==> flow/design.v <==
module reg_bank_p #(
  parameter integer NUM_REGS = 10,
  parameter integer DW = 24,
  parameter integer IDX_W = $clog2(NUM_REGS)
) (
  input  logic core_clk,
  input  logic RST,
  input  logic wr,
  input  logic [IDX_W-1:0] wr_addr,
  input  logic [DW-1:0] din,
  input  logic [IDX_W-1:0] read_addr,
  output logic [DW-1:0] rd_data
);
  logic wr_reg;
  logic [IDX_W-1:0] wr_addr_reg;
  logic [DW-1:0] din_reg;
  logic [DW-1:0] bank [0:NUM_REGS-1];
  always_ff @(posedge core_clk) begin
    if (wr_reg)
      bank[wr_addr_reg] <= din_reg;
  end
  logic [IDX_W-1:0] read_addr_reg;
  always_ff @(posedge core_clk) begin
    if (RST) begin
      wr_reg <= 1'b0;
      wr_addr_reg <= 0;
      din_reg <= 0;
      read_addr_reg <= 0;
      rd_data <= 0;
    end else begin
      wr_reg <= wr;
      wr_addr_reg <= wr_addr;
      din_reg <= din;
      read_addr_reg <= read_addr;
      rd_data <= bank[read_addr_reg];
    end
  end
endmodule
Memo
Re: synthesis data of reg_bank_p

* From RTL to reports: reg_bank_p
A sweep over "DW": the same steps for each member of the family.
The file above is the member DW 24. Line numbers count from 1 in each member's own file.
Cell names lack the library's common part.
The mark n/a stands for no value.
- Top module :: reg_bank_p
- Clock :: core_clk
- Library :: sky130hd
- Library corner :: tt_025C_1v80

* Members of the sweep
New or changed lines of each further member against the RTL above, in its own file; lines it lacks are not shown.
** Lines new or changed
- DW 32 :: line 3 : parameter integer DW = 32,
- DW 40 :: line 3 : parameter integer DW = 40,
- DW 48 :: line 3 : parameter integer DW = 48,

* After elaboration
Source: Yosys, flattened and elaborated, memories not mapped. Widths are those after wreduce; folded enables and synchronous resets count as part of the registers. Registers that Yosys merges into a memory's read port (data or address) are not register bits. Print and check cells do not count. Equal cells are merged and count once.
Memory sizes are those after Yosys's memory passes, which may raise the word count (mostly to a power of two), join words into wider ones and drop unused or constant bits.
** Bit counts
- DW 24 :: memory bits (writable) 240, output and inout bits 24, bits of input ports 35, clocked read ports x word width 24, flip-flop bits (word level) 33, elaborated cells 8, memories kept 1
- DW 32 :: memory bits (writable) 320, output and inout bits 32, bits of input ports 43, clocked read ports x word width 32, flip-flop bits (word level) 41, elaborated cells 8, memories kept 1
- DW 40 :: memory bits (writable) 400, output and inout bits 40, bits of input ports 51, clocked read ports x word width 40, flip-flop bits (word level) 49, elaborated cells 8, memories kept 1
- DW 48 :: memory bits (writable) 480, output and inout bits 48, bits of input ports 59, clocked read ports x word width 48, flip-flop bits (word level) 57, elaborated cells 8, memories kept 1
** Cells by class (mux-type cells)
- DW 24 :: 3
- DW 32 :: 3
- DW 40 :: 3
- DW 48 :: 3
** Memories (words x width with read and write ports)
- DW 24 :: bank 10 x 24 bit 1R1W
- DW 32 :: bank 10 x 32 bit 1R1W
- DW 40 :: bank 10 x 40 bit 1R1W
- DW 48 :: bank 10 x 48 bit 1R1W
** Operators by type and width (kind and count)
- DW 24 :: 2-to-1 mux 24 bit: 1; 2-to-1 mux 4 bit: 1; 2-to-1 mux 1 bit: 1
- DW 32 :: 2-to-1 mux 32 bit: 1; 2-to-1 mux 4 bit: 1; 2-to-1 mux 1 bit: 1
- DW 40 :: 2-to-1 mux 40 bit: 1; 2-to-1 mux 4 bit: 1; 2-to-1 mux 1 bit: 1
- DW 48 :: 2-to-1 mux 48 bit: 1; 2-to-1 mux 4 bit: 1; 2-to-1 mux 1 bit: 1

* Longest topological paths
Yosys ltp: most cells in a row. Word level: on the elaborated netlist, between registers, memories and ports. Mapped: between sequential cells and ports; inverters and the memories' decode and read muxes count.
** Depth
- DW 24 :: word-level depth 1, ABC_AREA 0, gate-level depth with buffers 7, mapped depth without buffers 4
- DW 32 :: word-level depth 1, ABC_AREA 0, gate-level depth with buffers 7, mapped depth without buffers 4
- DW 40 :: word-level depth 1, ABC_AREA 0, gate-level depth with buffers 6, mapped depth without buffers 4
- DW 48 :: word-level depth 1, ABC_AREA 0, gate-level depth with buffers 7, mapped depth without buffers 4

* Synthesis result
The flow's flattened synthesis, as Yosys stat reports it; memories are mapped. The netlist is that of the ABC_AREA named above (0 if unset); the other value can give another one.
Totals and module areas in this step are rounded.
** Mapped netlist
- DW 24 :: buffers 36, flip-flops 297, chip area (Yosys) 11000 um2, cells in the netlist 602, sequential area 8300 um2
- DW 32 :: buffers 48, flip-flops 393, chip area (Yosys) 14000 um2, cells in the netlist 790, sequential area 11000 um2
- DW 40 :: buffers 58, flip-flops 489, chip area (Yosys) 18000 um2, cells in the netlist 976, sequential area 14000 um2
- DW 48 :: buffers 69, flip-flops 585, chip area (Yosys) 21000 um2, cells in the netlist 1163, sequential area 17000 um2
** Cell types (types with counts)
- DW 24 :: edfxtp_1: 240; mux2i_1: 120; dfxtp_1: 57; a22oi_1: 48; nor2b_1: 35; a211oi_1: 24; a21oi_1: 24; buf_12: 4; clkbuf_1: 18; buf_8: 4; nor2_1: 8; buf_4: 3; buf_2: 4; clkbuf_4: 2; nand3b_1: 2; nor3_1: 3; nand2b_1: 2; buf_6: 1; [+3]
- DW 32 :: edfxtp_1: 320; mux2i_1: 160; dfxtp_1: 73; a22oi_1: 64; nor2b_1: 43; a211oi_1: 31; a21oi_1: 32; buf_12: 8; clkbuf_1: 20; buf_2: 10; buf_6: 4; clkbuf_4: 5; nor2_1: 8; nand3b_1: 2; nor3_1: 3; a211oi_2: 1; nand2b_1: 2; or3b_2: 1; [+3]
- DW 40 :: edfxtp_1: 400; mux2i_1: 200; dfxtp_1: 89; a22oi_1: 80; nor2b_1: 51; buf_12: 15; a211oi_1: 39; a21oi_1: 40; clkbuf_1: 30; buf_6: 6; nor2_1: 8; buf_2: 4; buf_8: 1; nand3b_1: 2; nor3_1: 3; a211oi_2: 1; nand2b_1: 2; or3b_2: 1; [+4]
- DW 48 :: edfxtp_1: 480; mux2i_1: 240; dfxtp_1: 105; a22oi_1: 96; nor2b_1: 59; a211oi_1: 48; a21oi_1: 48; buf_12: 8; clkbuf_1: 26; buf_8: 6; buf_2: 16; clkbuf_4: 8; buf_6: 5; nor2_1: 8; nand3b_1: 2; nor3_1: 3; nand2b_1: 2; or3b_2: 1; [+2]
A list marked [+n] leaves out that many cells.

* Worst setup path after synthesis
Path of least setup slack by OpenSTA after synthesis, without wires, with an ideal clock, recovery checks aside; 20% of the period is set as input and as output delay. Where synthesis merged equal registers, the netlist keeps one of their names.
** Timing path after synthesis
- DW 24 :: kind reg-to-reg, start point register wr_reg, end point memory bank[0][0], delay of the path 2.836 ns, clock period 3.54 ns, stages 3, slack 0.704 ns, period reached after synthesis 2.836 ns
- DW 32 :: kind reg-to-reg, start point register wr_reg, end point memory bank[0][0], delay of the path 3.483 ns, clock period 4.35 ns, stages 3, slack 0.867 ns, period reached after synthesis 3.483 ns
- DW 40 :: kind reg-to-reg, start point register wr_reg, end point memory bank[0][0], delay of the path 4.045 ns, clock period 5.06 ns, stages 3, slack 1.014 ns, period reached after synthesis 4.046 ns
- DW 48 :: kind reg-to-reg, start point register wr_reg, end point memory bank[0][0], delay of the path 4.608 ns, clock period 5.76 ns, stages 3, slack 1.152 ns, period reached after synthesis 4.608 ns
"delay of the path" is the arrival time less input delay plus setup time.
"stages" counts driving pins, that of a launching flip-flop among them; a cell with two outputs on the path counts twice.
"period reached after synthesis" is the clock period less the worst setup slack; recovery checks do not enter. This is arithmetic on one report: input and output delays are still those of the set period (20% each).
Between the ends stands the longest chain of elaborated cells between them, by number of cells; it is not shown to be the way that was timed. Of several equally long chains one is given.
A line is the first line of the expression or statement that the cell stems from. Yosys adds cells for indexed reads and writes and turns some case tables into memories.
DW 24: The path ends at the enable pin of a flip-flop; only ways to that pin are counted.
On the way, after synthesis, DW 24:
- Length of the longest elaborated chain :: 1
** Ends and longest elaborated chain, after synthesis, DW 24
- start: declaration :: line 14 : logic wr_reg;
- start: assignment :: line 25 : wr_reg <= 1'b0;
- start: assignment :: line 31 : wr_reg <= wr;
- 2-to-1 mux 4 bit :: line 19 : if (wr_reg)
- end: declaration :: line 17 : logic [DW-1:0] bank [0:NUM_REGS-1];
DW 48: The path ends at the enable pin of a flip-flop; only ways to that pin are counted.
On the way, after synthesis, DW 48:
- Length of the longest elaborated chain :: 1
** Ends and longest elaborated chain, after synthesis, DW 48
- start: declaration :: line 14 : logic wr_reg;
- start: assignment :: line 25 : wr_reg <= 1'b0;
- start: assignment :: line 31 : wr_reg <= wr;
- 2-to-1 mux 4 bit :: line 19 : if (wr_reg)
- end: declaration :: line 17 : logic [DW-1:0] bank [0:NUM_REGS-1];

* Worst path after layout
Path of least setup slack in the final report of each member's run (OpenROAD, finished layout, wires in). Where an end is a register, its clock arrival counts in the times.
** Timing path after layout
- DW 24 :: kind reg-to-output, start point register rd_data[1], end point output port rd_data[1], path buffers 1, clock period 3.54 ns, slack 1.38 ns, data arrival time 1.46 ns, stages 2
- DW 32 :: kind reg-to-output, start point register rd_data[27], end point output port rd_data[27], path buffers 1, clock period 4.35 ns, slack 1.97 ns, data arrival time 1.51 ns, stages 2
- DW 40 :: kind reg-to-output, start point register rd_data[11], end point output port rd_data[11], path buffers 1, clock period 5.06 ns, slack 2.49 ns, data arrival time 1.56 ns, stages 2
- DW 48 :: kind reg-to-reg, start point register read_addr_reg[0], end point register rd_data[26], path buffers 1, clock period 5.76 ns, slack 3.06 ns, data arrival time 3.17 ns, stages 6

* Flow runs
Settings and results of one run of the flow (Yosys, OpenROAD) for each member follow. The constraints put input and output delay at 20% of the set period each and load the outputs with 0.01 pF.
- CAP_MARGIN :: 20
- CORE_MARGIN :: 2
- CORE_UTILIZATION :: 40
- SLEW_MARGIN :: 20
** Settings by member (period_ns)
- DW 24 :: 3.54
- DW 32 :: 4.35
- DW 40 :: 5.06
- DW 48 :: 5.76
** Final reports
- DW 24 :: lowest setup slack 1.4 ns, area of the die 28000 um2, period reached 2.164 ns, area of the synthesized netlist 11000 um2, standard-cell area after layout 13000 um2
- DW 32 :: lowest setup slack 2.0 ns, area of the die 37000 um2, period reached 2.382 ns, area of the synthesized netlist 14000 um2, standard-cell area after layout 17000 um2
- DW 40 :: lowest setup slack 2.5 ns, area of the die 46000 um2, period reached 2.574 ns, area of the synthesized netlist 18000 um2, standard-cell area after layout 21000 um2
- DW 48 :: lowest setup slack 3.1 ns, area of the die 55000 um2, period reached 2.699 ns, area of the synthesized netlist 21000 um2, standard-cell area after layout 25000 um2
"period reached" = clock period - worst setup slack. The figure is calculated, with input and output delays left at 20% of the set period.
The measured numbers are rounded.
